==> flow/design.v <==
module dp_barrel_mod #(
   parameter W = 12,
   parameter LOGN = $clog2(W)
) (
   input wire core_clk,
   input wire resetn,
   input wire step,
   input wire [W-1:0] i_din,
   input wire [LOGN-1:0] i_n,
   input wire [1:0] i_kind,
   output reg [W-1:0] o_out
);
   reg [W-1:0] tmp;
   always @(*) begin
      case (i_kind)
         2'b00: tmp = i_din << i_n;
         2'b01: tmp = i_din >> i_n;
         2'b10: tmp = $signed(i_din) >>> i_n;
         default: tmp = i_din;
      endcase
   end
   always @(posedge core_clk) begin
      if (~resetn) begin
         o_out <= 0;
      end else if (step) begin
         o_out <= tmp;
      end
   end
endmodule
* Tool chain data of dp_barrel_mod *
Tool output for the members of one design family, told apart by "W", in the order of the flow.
The file above is the member W = 12. Line numbers count from 1 in each member's own file.
Operators carry their Yosys type and port widths (W data, S select, Z words).
A cell with - has no value.

inputs
  top = dp_barrel_mod
  clock port = core_clk
  cell library = sky130hd
  corner = tt_025C_1v80

* Source of the members *
New or changed lines of each further member against the RTL above, in its own file; lines it lacks are not shown.

new or changed lines
  W   line  RTL
  64  2     parameter W = 64,
  80  2     parameter W = 80,
  96  2     parameter W = 96,

* Word level *
Yosys after proc, flatten, opt, wreduce and memory -nomap, before mapping. Enables and synchronous resets that opt folds into registers are not counted as muxes. Memory bits, and registers merged into a memory's read port (data or address), are not among the register bits. Print and check cells are not counted. Equal cells are merged and count once.

operators by class
  W   equal/unequal tests  shift-type cells  mux-type cells  reductions and logical operators
  12  2                    3                 1               1
  64  2                    3                 1               1
  80  2                    3                 1               1
  96  2                    3                 1               1

operators by type and width
  W   kind and count
  12  $pmux W12 S3: 1; $shl A12 B4 Y12: 1; $shr A12 B4 Y12: 1; $sshr A12 B4 Y12: 1; $eq A2 B1 Y1 const B: 1; $eq A2 B2 Y1 const B: 1; $logic_not A2 Y1: 1
  64  $pmux W64 S3: 1; $shl A64 B6 Y64: 1; $shr A64 B6 Y64: 1; $sshr A64 B6 Y64: 1; $eq A2 B1 Y1 const B: 1; $eq A2 B2 Y1 const B: 1; $logic_not A2 Y1: 1
  80  $pmux W80 S3: 1; $shl A80 B7 Y80: 1; $shr A80 B7 Y80: 1; $sshr A80 B7 Y80: 1; $eq A2 B1 Y1 const B: 1; $eq A2 B2 Y1 const B: 1; $logic_not A2 Y1: 1
  96  $pmux W96 S3: 1; $shl A96 B7 Y96: 1; $shr A96 B7 Y96: 1; $sshr A96 B7 Y96: 1; $eq A2 B1 Y1 const B: 1; $eq A2 B2 Y1 const B: 1; $logic_not A2 Y1: 1

word-level totals
  W   flip-flop bits (word level)  input port bits  output and inout bits  cells after elaboration
  12  12                           21               12                     8
  64  64                           75               64                     8
  80  80                           92               80                     8
  96  96                           108              96                     8

* Logic depth *
Depth = most cells in a row (Yosys ltp): at word level without a register or memory, in the mapped netlist without a sequential cell, where the memories' decode and read muxes count.

logic depth
  W   word-level depth  ABC_AREA  depth in mapped cells  gate-level depth less buffers
  12  2                 0         8                      5
  64  2                 0         13                     6
  80  2                 0         13                     7
  96  2                 0         13                     7

* Netlist *
The flow's flattened synthesis, as Yosys stat reports it; memories are mapped. The netlist is that of the ABC_AREA named above (0 if unset); the other value can give another one.

synthesis totals
  W   cell count  synthesis area (um2)  flip-flop cells  buffer cells
  12  216         1839.3                12               25
  64  1443        12649.6               64               191
  80  2013        16636.0               80               257
  96  2577        21519.4               96               348

cells by type
  W   types with counts
  12  sky130_fd_sc_hd__mux4_2: 13; sky130_fd_sc_hd__dfxtp_1: 12; sky130_fd_sc_hd__mux4_1: 5; sky130_fd_sc_hd__o21ai_0: 18; sky130_fd_sc_hd__mux2i_1: 8; sky130_fd_sc_hd__mux2_2: 6; sky130_fd_sc_hd__nand2_1: 18; sky130_fd_sc_hd__a21oi_1: 12; sky130_fd_sc_hd__o211ai_1: 8; sky130_fd_sc_hd__buf_2: 9; sky130_fd_sc_hd__nor2b_1: 7; sky130_fd_sc_hd__clkbuf_1: 11; sky130_fd_sc_hd__buf_12: 2; sky130_fd_sc_hd__a31oi_1: 6; sky130_fd_sc_hd__nand4_1: 5; sky130_fd_sc_hd__o22ai_1: 5; sky130_fd_sc_hd__a211oi_1: 4; sky130_fd_sc_hd__nand3_1: 6; (+61)
  64  sky130_fd_sc_hd__mux4_2: 149; sky130_fd_sc_hd__dfxtp_1: 64; sky130_fd_sc_hd__mux2i_1: 108; sky130_fd_sc_hd__mux2_2: 67; sky130_fd_sc_hd__o21ai_0: 104; sky130_fd_sc_hd__nand2_1: 134; sky130_fd_sc_hd__clkbuf_1: 126; sky130_fd_sc_hd__nor2_1: 117; sky130_fd_sc_hd__a21oi_1: 74; sky130_fd_sc_hd__mux4_1: 13; sky130_fd_sc_hd__o211ai_1: 25; sky130_fd_sc_hd__a31oi_1: 25; sky130_fd_sc_hd__nand3_1: 31; sky130_fd_sc_hd__buf_2: 29; sky130_fd_sc_hd__o221ai_1: 16; sky130_fd_sc_hd__a22oi_1: 18; sky130_fd_sc_hd__a211oi_1: 17; sky130_fd_sc_hd__nor3_1: 25; (+301)
  80  sky130_fd_sc_hd__mux4_2: 191; sky130_fd_sc_hd__dfxtp_1: 80; sky130_fd_sc_hd__mux2i_1: 145; sky130_fd_sc_hd__mux2_2: 100; sky130_fd_sc_hd__nand2_1: 238; sky130_fd_sc_hd__o21ai_0: 160; sky130_fd_sc_hd__nor2_1: 193; sky130_fd_sc_hd__a21oi_1: 123; sky130_fd_sc_hd__clkbuf_1: 156; sky130_fd_sc_hd__o211ai_1: 45; sky130_fd_sc_hd__o22ai_1: 42; sky130_fd_sc_hd__buf_2: 47; sky130_fd_sc_hd__nor3_1: 46; sky130_fd_sc_hd__a211oi_1: 30; sky130_fd_sc_hd__a221oi_1: 25; sky130_fd_sc_hd__a31oi_1: 30; sky130_fd_sc_hd__mux4_1: 7; sky130_fd_sc_hd__o221ai_1: 20; (+335)
  96  sky130_fd_sc_hd__mux4_2: 237; sky130_fd_sc_hd__dfxtp_1: 96; sky130_fd_sc_hd__mux2i_1: 173; sky130_fd_sc_hd__mux2_2: 147; sky130_fd_sc_hd__o21ai_0: 208; sky130_fd_sc_hd__nand2_1: 270; sky130_fd_sc_hd__clkbuf_1: 202; sky130_fd_sc_hd__nor2_1: 195; sky130_fd_sc_hd__a21oi_1: 124; sky130_fd_sc_hd__o211ai_1: 55; sky130_fd_sc_hd__o22ai_1: 61; sky130_fd_sc_hd__a211oi_1: 49; sky130_fd_sc_hd__buf_4: 48; sky130_fd_sc_hd__o221ai_1: 35; sky130_fd_sc_hd__buf_2: 59; sky130_fd_sc_hd__nor3_1: 55; sky130_fd_sc_hd__a221oi_1: 28; sky130_fd_sc_hd__o2bb2ai_1: 27; (+508)

The mark (+n) counts cells that are not listed.

* Worst setup path after synthesis *
Source: OpenSTA report_checks on the synthesized netlist (no wires, ideal clock, input and output delay 20% of the period each), path of least setup slack; recovery checks are left aside. Register names are those of the netlist, which keeps one name where synthesis merged equal registers.

timing path post-synthesis
  W   path type          start point  end point      period (ns)  path slack (ns)  stages on the path  path delay (ns)  period reached after synthesis (ns)
  12  input to register  in i_n[0]    reg o_out[4]   2.19         0.353            6                   1.399            1.837
  64  input to register  in i_n[1]    reg o_out[22]  3.35         0.538            9                   2.143            2.812
  80  input to register  in i_n[1]    reg o_out[5]   3.44         0.547            11                  2.204            2.893
  96  input to register  in i_n[3]    reg o_out[13]  3.42         0.547            10                  2.189            2.873

"path delay" is the arrival time less input delay plus setup time.
"stages on the path" counts driving pins, that of a launching flip-flop among them; a cell with two outputs on the path counts twice.
"period reached after synthesis" is the clock period less the worst setup slack; recovery checks do not enter. This is arithmetic on one report: input and output delays are still those of the set period (20% each).
Between the ends stands the longest chain of elaborated cells between them, by number of cells; it is not shown to be the way that was timed. Of several equally long chains one is given.
Each line given opens the expression or statement behind the cell; cells for indexed reads and writes are added by Yosys, which also makes memories of some case tables.

on the way, post-synthesis, W = 12
  cells in the longest elaborated chain = 2

RTL lines, path post-synthesis, W = 12
  element           line  RTL
  start, declared   9     input wire [LOGN-1:0] i_n,
  $sshr A12 B4 Y12  18    2'b10: tmp = $signed(i_din) >>> i_n;
  $pmux W12 S3      15    case (i_kind)
  end, assigned     24    o_out <= 0;
  end, assigned     26    o_out <= tmp;
  end, declared     11    output reg [W-1:0] o_out

on the way, post-synthesis, W = 96
  cells in the longest elaborated chain = 2

RTL lines, path post-synthesis, W = 96
  element           line  RTL
  start, declared   9     input wire [LOGN-1:0] i_n,
  $sshr A96 B7 Y96  18    2'b10: tmp = $signed(i_din) >>> i_n;
  $pmux W96 S3      15    case (i_kind)
  end, assigned     24    o_out <= 0;
  end, assigned     26    o_out <= tmp;
  end, declared     11    output reg [W-1:0] o_out

* Timing after layout *
Path of least setup slack in the final report of the run of each member (OpenROAD, finished layout, wires in). Where an end is a register, its clock arrival counts in the times.

timing path post-layout
  W   path type          start point   end point      period (ns)  path slack (ns)  stages on the path  arrival time (ns)  path buffers
  12  input to register  in i_din[8]   reg o_out[9]   2.19         0.11             6                   2.23               2
  64  input to register  in i_din[31]  reg o_out[33]  3.35         0.11             8                   3.52               2
  80  input to register  in i_din[9]   reg o_out[11]  3.44         -0.04            10                  3.74               3
  96  input to register  in i_din[82]  reg o_out[51]  3.42         -0.17            11                  3.88               4

* Flow runs *
One run of the flow (Yosys, OpenROAD) for each member, with settings and measured results. Input and output delays are each 20% of the period that was set; the output load is 0.01 pF.

settings
  CAP_MARGIN = 20
  CORE_MARGIN = 2
  CORE_UTILIZATION = 40
  SLEW_MARGIN = 20

settings by member
  W   period_ns
  12  2.19
  64  3.35
  80  3.44
  96  3.42

results
  W   cell area after synthesis (um2)  area inside the die boundary (um2)  utilization of the finished layout (%)  setup slack of the critical path (ns)  worst hold slack after layout (ns)  total design power (mW)  achieved period (ns)
  12  1839.3                           5156.7                              60.9                                    0.108                                  0.473                               1.007                    2.082
  64  12649.6                          33062.1                             53.6                                    0.113                                  0.453                               5.180                    3.237
  80  16636.0                          43237.0                             55.7                                    -0.041                                 0.463                               6.490                    3.481
  96  21519.4                          55670.0                             57.5                                    -0.173                                 0.447                               9.044                    3.593

"achieved period": clock period set for the run, less the worst setup slack. It is reckoned from that one timing run; input and output delays stay at 20% of the period that was set.
"total design power" is the tool's figure for a default switching activity; nothing was simulated.
